==> flow/design.v <==
module u_data_mux_top #(
    parameter W = 12,
    parameter LANES = 7,
    parameter LG = $clog2(LANES)
) (
    input  wire sys_clk,
    input  wire [LANES*W-1:0] in,
    input  wire [LG-1:0] s,
    output reg [W-1:0] res
);
    reg [LANES*W-1:0] in_s;
    reg [LG-1:0] s_s;
    wire [LANES-1:0] hot;
    assign hot = {{(LANES-1){1'b0}}, 1'b1} << s_s;
    reg [LANES-1:0] hot_s;
    reg [LANES*W-1:0] in_s_d;
    reg [W-1:0] nxt;
    integer i;
    always @* begin
        nxt = 0;
        for (i = 0; i < LANES; i = i + 1)
            nxt = nxt | (in_s_d[i*W +: W] & {W{hot_s[i]}});
    end
    always @(posedge sys_clk) begin
        in_s <= in;
        s_s <= s;
        hot_s <= hot;
        in_s_d <= in_s;
        res <= nxt;
    end
endmodule
## Tool chain data of u_data_mux_top

Tool output for the design above, in the order of the flow.
Line numbers count from 1 in the design file above.
Operators: Yosys type, input widths -> output width; for muxes data width and select width s.
Cell names lack the library's common part.
Not given: --

| set-up | value |
|---|---|
| top | u_data_mux_top |
| clock input | sys_clk |
| standard-cell library | sky130hd |
| timing corner | tt_025C_1v80 |

## Word level

Yosys after proc, flatten, opt, wreduce and memory -nomap, before mapping. Enables and synchronous resets that opt folds into registers are not counted as muxes. Memory bits, and registers merged into a memory's read port (data or address), are not among the register bits. Print and check cells are not counted. Equal cells are merged and count once.

| storage and ports | value |
|---|---|
| flip-flop bits (word level) | 190 |
| output and inout bits | 12 |
| cells after elaboration | 19 |

| cells by class | value |
|---|---|
| shift operators | 1 |
| bitwise logic cells | 13 |

Operators by type and width:

| cell | number |
|---|---|
| $and 12x12->12 | 7 |
| $or 12x12->12 | 6 |
| $shl 1x3->7 const A | 1 |

## Depth

Longest topological path by Yosys (ltp), each cell counted once; first at word level (registers and memories cut), then after technology mapping (sequential cells cut; the memories' decode and read muxes count).

| depth | value |
|---|---|
| depth after elaboration | 7 |
| ABC_AREA | 0 |
| depth in mapped cells | 3 |

## After synthesis

Yosys stat after the flow's synthesis: flattened, memories mapped to cells. It holds for the ABC_AREA given above (unset counts as 0); a run with the other value may have another netlist.
Totals and module areas in this step are rounded.

| mapped netlist | value |
|---|---|
| standard cells after synthesis | 253 |
| synthesis area | 0.004264 sq mm |
| area of sequential cells | 0.003804 sq mm |
| flip-flop cells | 190 |
| buffers | 7 |

Cells by type:

| type | number | area in all (sq um) |
|---|---|---|
| dfxtp_1 | 190 | 3.8E+03 |
| a22oi_1 | 24 | 180.173 |
| a222oi_1 | 12 | 120.115 |
| nand3_1 | 12 | 60.058 |
| buf_2 | 5 | 25.024 |
| buf_6 | 2 | 22.522 |
| nor3b_1 | 3 | 22.522 |
| and3b_1 | 2 | 17.517 |
| nor3_1 | 1 | 5.005 |
| nand2_1 | 1 | 3.754 |
| nor2_1 | 1 | 3.754 |

## Timing after synthesis

Path of least setup slack by OpenSTA after synthesis, without wires, with an ideal clock, recovery checks aside; 20% of the period is set as input and as output delay. Where synthesis merged equal registers, the netlist keeps one of their names.

| timing path after synthesis | value |
|---|---|
| path type | flip-flop to flip-flop |
| start | register hot_s[4] |
| end | register res[10] |
| period | 1170 ps |
| setup time | 134 ps |
| launch time at the first pin | 0 ps |
| data arrival time | 802 ps |
| setup slack | 234 ps |
| delay of the path | 936 ps |
| driving pins on the path | 4 |
| path buffers | 1 |
| synthesis period reached | 936 ps |

"delay of the path" is the arrival time less input delay plus setup time.
"driving pins on the path" counts driving pins, that of a launching flip-flop among them; a cell with two outputs on the path counts twice.
"synthesis period reached" = period - worst setup slack (recovery checks aside). The figure is calculated, with input and output delays left at 20% of the set period.
Between the ends stands the longest chain of elaborated cells between them, by number of cells; it is not shown to be the way that was timed. Of several equally long chains one is given.
Each line given opens the expression or statement behind the cell; cells for indexed reads and writes are added by Yosys, which also makes memories of some case tables.

| on the way, after synthesis | value |
|---|---|
| cells stage by stage | dfxtp_1 > buf_6 > a222oi_1 > nand3_1 |
| length of the longest elaborated chain | 4 |
| elaborated cells on any way between the ends | 4 |
| those cells by class | logic: 4 |

RTL lines, path after synthesis:

| what | RTL line | source |
|---|---|---|
| start, declared | 15 | `reg [LANES-1:0] hot_s;` |
| start, assigned | 27 | `hot_s <= hot;` |
| $and 12x12->12 | 22 | `nxt = nxt \| (in_s_d[i*W +: W] & {W{hot_s[i]}});` |
| $or 12x12->12 (3 in a row) | 22 |  |
| end, assigned | 29 | `res <= nxt;` |
| end, declared | 9 | `output reg [W-1:0] res` |

## Timing after layout

Path of least setup slack in the final report of run 2 (OpenROAD, finished layout, wires in). Where an end is a register, its clock arrival counts in the times.
The path's times are printed in steps of 10 ps; the period is the one set.

| timing path post-layout | value |
|---|---|
| path type | flip-flop to flip-flop |
| start | register hot_s[4] |
| end | register res[11] |
| period | 666 ps |
| setup time | 130 ps |
| launch time at the first pin | 400 ps |
| data arrival time | 1280 ps |
| setup slack | -330 ps |
| driving pins on the path | 3 |
| path buffers | 0 |

Between the ends stands the longest chain of elaborated cells between them, by number of cells; it is not shown to be the way that was timed. Of several equally long chains one is given.

| on the way, post-layout | value |
|---|---|
| cells stage by stage | dfxtp_4 > a222oi_1 > nand3_1 |
| length of the longest elaborated chain | 4 |
| elaborated cells on any way between the ends | 4 |
| those cells by class | logic: 4 |

RTL lines, path post-layout:

| what | RTL line | source |
|---|---|---|
| start, declared | 15 | `reg [LANES-1:0] hot_s;` |
| start, assigned | 27 | `hot_s <= hot;` |
| $and 12x12->12 | 22 | `nxt = nxt \| (in_s_d[i*W +: W] & {W{hot_s[i]}});` |
| $or 12x12->12 (3 in a row) | 22 |  |
| end, assigned | 29 | `res <= nxt;` |
| end, declared | 9 | `output reg [W-1:0] res` |

# Flow runs of u_data_mux_top

Measured results for u_data_mux_top: 3 stored runs of the Yosys and OpenROAD flow on sky130hd. The settings differ; the order carries no meaning. The constraints put input and output delay at 20% of the set period each and load the outputs with 0.01 pF.
"critical setup path time" is the time allowed to the run's worst setup path (the clock period less input and output delay, where it has them) less its slack. Clock arrival times count: a late capture clock shortens it, a late launch clock lengthens it.
"critical setup path time" is given in steps of 10 ps.
Measured values are rounded.

#### Run 1

| setting | value |
|---|---|
| period_ns | `1.53` |
| CORE_UTILIZATION | `69` |
| PLACE_DENSITY_LB_ADDON | `0.1` |
| CORE_ASPECT_RATIO | `2.0` |
| CORE_MARGIN | `2` |
| CELL_PAD_IN_SITES_GLOBAL_PLACEMENT | `1` |
| TNS_END_PERCENT | `10` |
| ABC_AREA | `1` |
| GPL_TIMING_DRIVEN | `1` |
| CTS_CLUSTER_SIZE | `10` |
| SLEW_MARGIN | `0` |
| MIN_ROUTING_LAYER | `met2` |
| CAP_MARGIN | `20` |

Unfinished; error FLW-0024 in placement.

#### Run 2

| setting | value |
|---|---|
| period_ns | `0.666` |
| CORE_UTILIZATION | `55` |
| SETUP_SLACK_MARGIN | `-0.04` |
| PLACE_DENSITY_LB_ADDON | `0.16` |
| CORE_ASPECT_RATIO | `1.6` |
| CORE_MARGIN | `8` |
| CELL_PAD_IN_SITES_GLOBAL_PLACEMENT | `2` |
| CELL_PAD_IN_SITES_DETAIL_PLACEMENT | `0` |
| ABC_AREA | `0` |
| GPL_ROUTABILITY_DRIVEN | `1` |
| MIN_ROUTING_LAYER | `met1` |
| CAP_MARGIN | `20` |
| SLEW_MARGIN | `20` |

| result | value |
|---|---|
| setup slack of the worst path | -334 ps |
| critical setup path time | 1000 ps |
| worst setup path kind | flip-flop to flip-flop |
| standard-cell area after layout | 0.00604 sq mm |
| full die area | 0.0109 sq mm |
| summed negative setup slack | -7279 ps |
| area of the synthesized netlist | 0.004264 sq mm |

#### Run 3

| setting | value |
|---|---|
| period_ns | `1.17` |
| CAP_MARGIN | `20` |
| CORE_MARGIN | `2` |
| CORE_UTILIZATION | `40` |
| SLEW_MARGIN | `20` |

| result | value |
|---|---|
| full die area | 0.0115 sq mm |
| area of the synthesized netlist | 0.004264 sq mm |
| standard-cell area after layout | 0.006042 sq mm |
| critical setup path time | 960 ps |
| worst setup path kind | flip-flop to output port |
| setup slack of the worst path | -25 ps |
| summed negative setup slack | -166 ps |
